==> flow/design.v <==
module compare (clock, rstn, d_i, mx_o);
  parameter DW = 36;
  parameter N_IN = 8;
  input clock;
  input rstn;
  input [N_IN*DW-1:0] d_i;
  output [DW-1:0] mx_o;
  reg [DW-1:0] cur;
  integer i;
  always @(*) begin
    cur = d_i[DW-1:0];
    for (i = 1; i < N_IN; i = i + 1)
      if (d_i[i*DW +: DW] > cur) cur = d_i[i*DW +: DW];
  end
  reg [DW-1:0] mx_reg;
  always @(posedge clock or negedge rstn) begin
    if (!rstn) begin
      mx_reg <= 0;
    end else begin
      mx_reg <= cur;
    end
  end
  assign mx_o = mx_reg;
endmodule
From RTL to reports: compare --
What the tools print for compare, step after step. Line numbers count from 1 in the design file above. Library cell names are shortened. Not given: -
Design: top module compare, clock port clock, library sky130hd, corner tt_025C_1v80

Word level --
Yosys after proc, flatten, opt, wreduce and memory -nomap, before mapping. Enables and synchronous resets that opt folds into registers are not counted as muxes. Memory bits, and registers merged into a memory's read port (data or address), are not among the register bits. Print and check cells are not counted. Equal cells are merged and count once.
Storage and ports: elaborated cells 15, output and inout port bits 36, bits of input ports 290, flip-flop bits (word level) 36
Cells by class: mux-type cells 7, magnitude comparators 7
Operator list (number):
- 36-bit greater-than comparator | 7
- 36-bit 2-to-1 mux | 7

Logic depth --
Yosys ltp: most cells in a row. Word level: on the elaborated netlist, between registers, memories and ports. Mapped: between sequential cells and ports; inverters and the memories' decode and read muxes count.
Depth: depth in word-level cells 14, ABC_AREA 0, mapped depth 114, gate-level depth less buffers 103

After synthesis --
The flow's flattened synthesis, as Yosys stat reports it; memories are mapped. The netlist is that of the ABC_AREA named above (0 if unset); the other value can give another one.
Mapped netlist: cells in the netlist 1344, sequential part of the area 900.9 µm², buffer cells 53, mapped area 10754.1 µm², flip-flops 36
Cell types:
- ha_1 | number 244, total area 3.05E+03 µm²
- mux2i_1 | number 104, total area 1.04E+03 µm²
- dfrtp_1 | number 36, total area 900.864 µm²
- a21oi_1 | number 135, total area 675.648 µm²
- inv_1 | number 153, total area 574.301 µm²
- nor2_1 | number 133, total area 499.229 µm²
- a311oi_2 | number 33, total area 495.475 µm²
- a21o_1 | number 58, total area 435.418 µm²
- mux2_2 | number 36, total area 405.389 µm²
- nand4_1 | number 51, total area 319.056 µm²
- a211oi_1 | number 40, total area 300.288 µm²
- o21ai_0 | number 46, total area 230.221 µm²
- nand2_1 | number 43, total area 161.405 µm²
- buf_6 | number 11, total area 123.869 µm²
- nor2b_1 | number 18, total area 112.608 µm²
- clkbuf_1 | number 27, total area 101.347 µm²
- o21a_1 | number 12, total area 90.086 µm²
- nand2b_1 | number 14, total area 87.584 µm²
Other cell types: 54; their cells: 150.

Timing after synthesis --
OpenSTA on the mapped netlist: ideal clock, no wires. The path of least setup slack (recovery checks aside). Input and output delay are each 20% of the period. Register names are those of the netlist, which keeps one name where synthesis merged equal registers.
Path after synthesis: path type input to register, start point in d_i[18], end point reg mx_reg[29], driving pins on the path 113, required time 29053 ps, clock period 29200 ps, buffers on the path 14, time at the first pin 5840 ps, input delay 5840 ps, slack 4649 ps, arrival time 24405 ps, delay of the path 18712 ps, library setup time 147 ps, synthesis period reached 24551 ps
"delay of the path" = arrival - input delay + setup time. "driving pins on the path": output pins that drive a net of the path, with the launching flip-flop's if there is one; two outputs of one cell count as two. "synthesis period reached" = period - worst setup slack (recovery checks aside). The figure is calculated, with input and output delays left at 20% of the set period. Between the ends stands the longest chain of elaborated cells between them, by number of cells; it is not shown to be the way that was timed. Of several equally long chains one is given. Each line given opens the expression or statement behind the cell; cells for indexed reads and writes are added by Yosys, which also makes memories of some case tables.
Between the ends, after synthesis: cell sequence inv_1 ha_1 a21oi_1 nand2_1 a221o_1 o21a_1 o21ai_1 buf_2 buf_1 mux2i_1 ha_1 a211o_1 a211o_1 o22ai_1 o2111ai_1 a22oi_1 nor4_4 nor2_1 [... 77 more ...] nor2b_1 o21ai_0 nand2b_1 a21oi_1 o21ai_0 a21oi_1 nor2_1 a211oi_1 o221ai_1 a21oi_1 nor2_1 a211oi_1 o21ai_0 o31a_1 clkbuf_1 clkbuf_1 a211oi_1 a311oi_2, cells in the longest elaborated chain 14, elaborated cells on any way between the ends 14, source lines of those cells 1, classes of those cells compare (7); mux (7)
Ends and longest elaborated chain, after synthesis:
- from (decl) | RTL line 6 | input [N_IN*DW-1:0] d_i;
- 36-bit greater-than comparator | RTL line 13 | if (d_i[i*DW +: DW] > cur) cur = d_i[i*DW +: DW];
- 36-bit 2-to-1 mux | RTL line 13
- 36-bit greater-than comparator | RTL line 13
- 36-bit 2-to-1 mux | RTL line 13
- 36-bit greater-than comparator | RTL line 13
- 36-bit 2-to-1 mux | RTL line 13
- 36-bit greater-than comparator | RTL line 13
- 36-bit 2-to-1 mux | RTL line 13
- 36-bit greater-than comparator | RTL line 13
- 36-bit 2-to-1 mux | RTL line 13
- 36-bit greater-than comparator | RTL line 13
- 36-bit 2-to-1 mux | RTL line 13
- 36-bit greater-than comparator | RTL line 13
- 36-bit 2-to-1 mux | RTL line 13
- to (assign) | RTL line 18 | mx_reg <= 0;
- to (assign) | RTL line 20 | mx_reg <= cur;
- to (decl) | RTL line 15 | reg [DW-1:0] mx_reg;

Path in the finished layout --
From the final timing report of run B: the path of least setup slack in the routed layout; clock arrival at registers is part of the times. The report prints the path's times to 10 ps; the period is as set.
Path after layout: path type input to register, start point in d_i[25], end point reg mx_reg[1], input delay 3620 ps, time at the first pin 3620 ps, driving pins on the path 105, library setup time 110 ps, required time 18280 ps, buffers on the path 15, slack -2830 ps, arrival time 21110 ps, clock period 18100 ps
Between the ends stands the longest chain of elaborated cells between them, by number of cells; it is not shown to be the way that was timed. Of several equally long chains one is given.
Between the ends, after layout: cell sequence clkdlybuf4s50_1 inv_1 ha_1 nand4_1 buf_4 nor3_1 a21oi_1 o211ai_1 buf_4 o21ai_4 buf_6 buf_16 mux2i_1 ha_1 a211o_1 a211o_1 o22ai_4 o2111ai_2 [... 69 more ...] mux2i_2 ha_1 a21o_1 a21oi_1 o21ai_1 a21oi_1 nor2_1 a211oi_2 o221ai_2 a21oi_1 nor2_1 a211oi_2 o21ai_2 o31ai_4 buf_12 buf_12 nor2_1 a311oi_2, cells in the longest elaborated chain 14, elaborated cells on any way between the ends 14, source lines of those cells 1, classes of those cells compare (7); mux (7)
Ends and longest elaborated chain, after layout:
- from (decl) | RTL line 6 | input [N_IN*DW-1:0] d_i;
- 36-bit greater-than comparator | RTL line 13 | if (d_i[i*DW +: DW] > cur) cur = d_i[i*DW +: DW];
- 36-bit 2-to-1 mux | RTL line 13
- 36-bit greater-than comparator | RTL line 13
- 36-bit 2-to-1 mux | RTL line 13
- 36-bit greater-than comparator | RTL line 13
- 36-bit 2-to-1 mux | RTL line 13
- 36-bit greater-than comparator | RTL line 13
- 36-bit 2-to-1 mux | RTL line 13
- 36-bit greater-than comparator | RTL line 13
- 36-bit 2-to-1 mux | RTL line 13
- 36-bit greater-than comparator | RTL line 13
- 36-bit 2-to-1 mux | RTL line 13
- 36-bit greater-than comparator | RTL line 13
- 36-bit 2-to-1 mux | RTL line 13
- to (assign) | RTL line 18 | mx_reg <= 0;
- to (assign) | RTL line 20 | mx_reg <= cur;
- to (decl) | RTL line 15 | reg [DW-1:0] mx_reg;

Add stored flow runs of compare

Stored flow runs of compare (3 of them; Yosys, OpenROAD, sky130hd). They differ in their settings and are not a sequence. Constraints: input delay and output delay 20% of the set period each, output load 0.01 pF.
By "critical path time" is meant the share of the clock period that the worst setup path is allowed (20% is reserved at inputs, 20% at outputs), minus its slack. Clock arrival times at its registers enter into it.
"power consumption" is the tool's figure for a default switching activity; nothing was simulated.
"critical path time" is given in steps of 10 ps.

[run A] flow files
==> flow/run.sh <==
#!/bin/bash
# the make line also repeats the synthesis and layout settings of config.mk as NAME=value (left out here)
make -C /OpenROAD-flow-scripts/flow DESIGN_CONFIG=/design/flow/config.mk WORK_HOME=/design/flow/orfs CLKGATE_MAP_FILE= finish
==> flow/config.mk <==
export PLATFORM = sky130hd
export DESIGN_NAME = compare
export DESIGN_NICKNAME = compare
export VERILOG_FILES = /design/flow/design.v
export SDC_FILE = /design/flow/constraint.sdc
export NUM_CORES = 4
export LEC_CHECK = 0
export CAP_MARGIN = 20
export CORE_ASPECT_RATIO = 1.93
export CORE_MARGIN = 4
export CORE_UTILIZATION = 62
export CTS_CLUSTER_SIZE = 11
export PLACE_DENSITY_LB_ADDON = 0.13
export SLEW_MARGIN = 20
==> flow/constraint.sdc <==
create_clock -name core_clock -period 21.6 [get_ports {clock}]
set_input_delay 4.3200 -clock core_clock [delete_from_list [all_inputs] [get_ports {clock}]]
set_output_delay 4.3200 -clock core_clock [all_outputs]
set_load 0.01 [all_outputs]

[run A] result: incomplete, clock tree synthesis halted on DPL-0038

[run B] flow files
==> flow/run.sh <==
#!/bin/bash
# the make line also repeats the synthesis and layout settings of config.mk as NAME=value (left out here)
make -C /OpenROAD-flow-scripts/flow DESIGN_CONFIG=/design/flow/config.mk WORK_HOME=/design/flow/orfs CLKGATE_MAP_FILE= finish
==> flow/config.mk <==
export PLATFORM = sky130hd
export DESIGN_NAME = compare
export DESIGN_NICKNAME = compare
export VERILOG_FILES = /design/flow/design.v
export SDC_FILE = /design/flow/constraint.sdc
export NUM_CORES = 4
export LEC_CHECK = 0
export CAP_MARGIN = 20
export CORE_MARGIN = 2
export CORE_UTILIZATION = 37
export CTS_CLUSTER_DIAMETER = 208
export MAX_ROUTING_LAYER = met4
export PLACE_DENSITY_LB_ADDON = 0.23
export SETUP_SLACK_MARGIN = -0.86
export SLEW_MARGIN = 15
export TNS_END_PERCENT = 75
==> flow/constraint.sdc <==
create_clock -name core_clock -period 18.1 [get_ports {clock}]
set_input_delay 3.6200 -clock core_clock [delete_from_list [all_inputs] [get_ports {clock}]]
set_output_delay 3.6200 -clock core_clock [all_outputs]
set_load 0.01 [all_outputs]

[run B] result: standard-cell area after layout 18211.2 µm²; smallest setup slack -2832 ps; power consumption 4.678 mW; synthesis area 10754.1 µm²; total negative setup slack -99599 ps; die footprint 30445.0 µm²; critical path time 17310 ps; critical path type input to register

[run C] flow files
==> flow/run.sh <==
#!/bin/bash
# the make line also repeats the synthesis and layout settings of config.mk as NAME=value (left out here)
make -C /OpenROAD-flow-scripts/flow DESIGN_CONFIG=/design/flow/config.mk WORK_HOME=/design/flow/orfs CLKGATE_MAP_FILE= finish
==> flow/config.mk <==
export PLATFORM = sky130hd
export DESIGN_NAME = compare
export DESIGN_NICKNAME = compare
export VERILOG_FILES = /design/flow/design.v
export SDC_FILE = /design/flow/constraint.sdc
export NUM_CORES = 4
export LEC_CHECK = 0
export CAP_MARGIN = 20
export CORE_MARGIN = 2
export CORE_UTILIZATION = 40
export SLEW_MARGIN = 20
==> flow/constraint.sdc <==
create_clock -name core_clock -period 29.2 [get_ports {clock}]
set_input_delay 5.8400 -clock core_clock [delete_from_list [all_inputs] [get_ports {clock}]]
set_output_delay 5.8400 -clock core_clock [all_outputs]
set_load 0.01 [all_outputs]

[run C] result: critical path time 21260 ps; critical path type input to register; die footprint 28212.2 µm²; smallest setup slack 2104 ps; power consumption 2.080 mW; standard-cell area after layout 14433.8 µm²; synthesis area 10754.1 µm²; total negative setup slack 0 ps
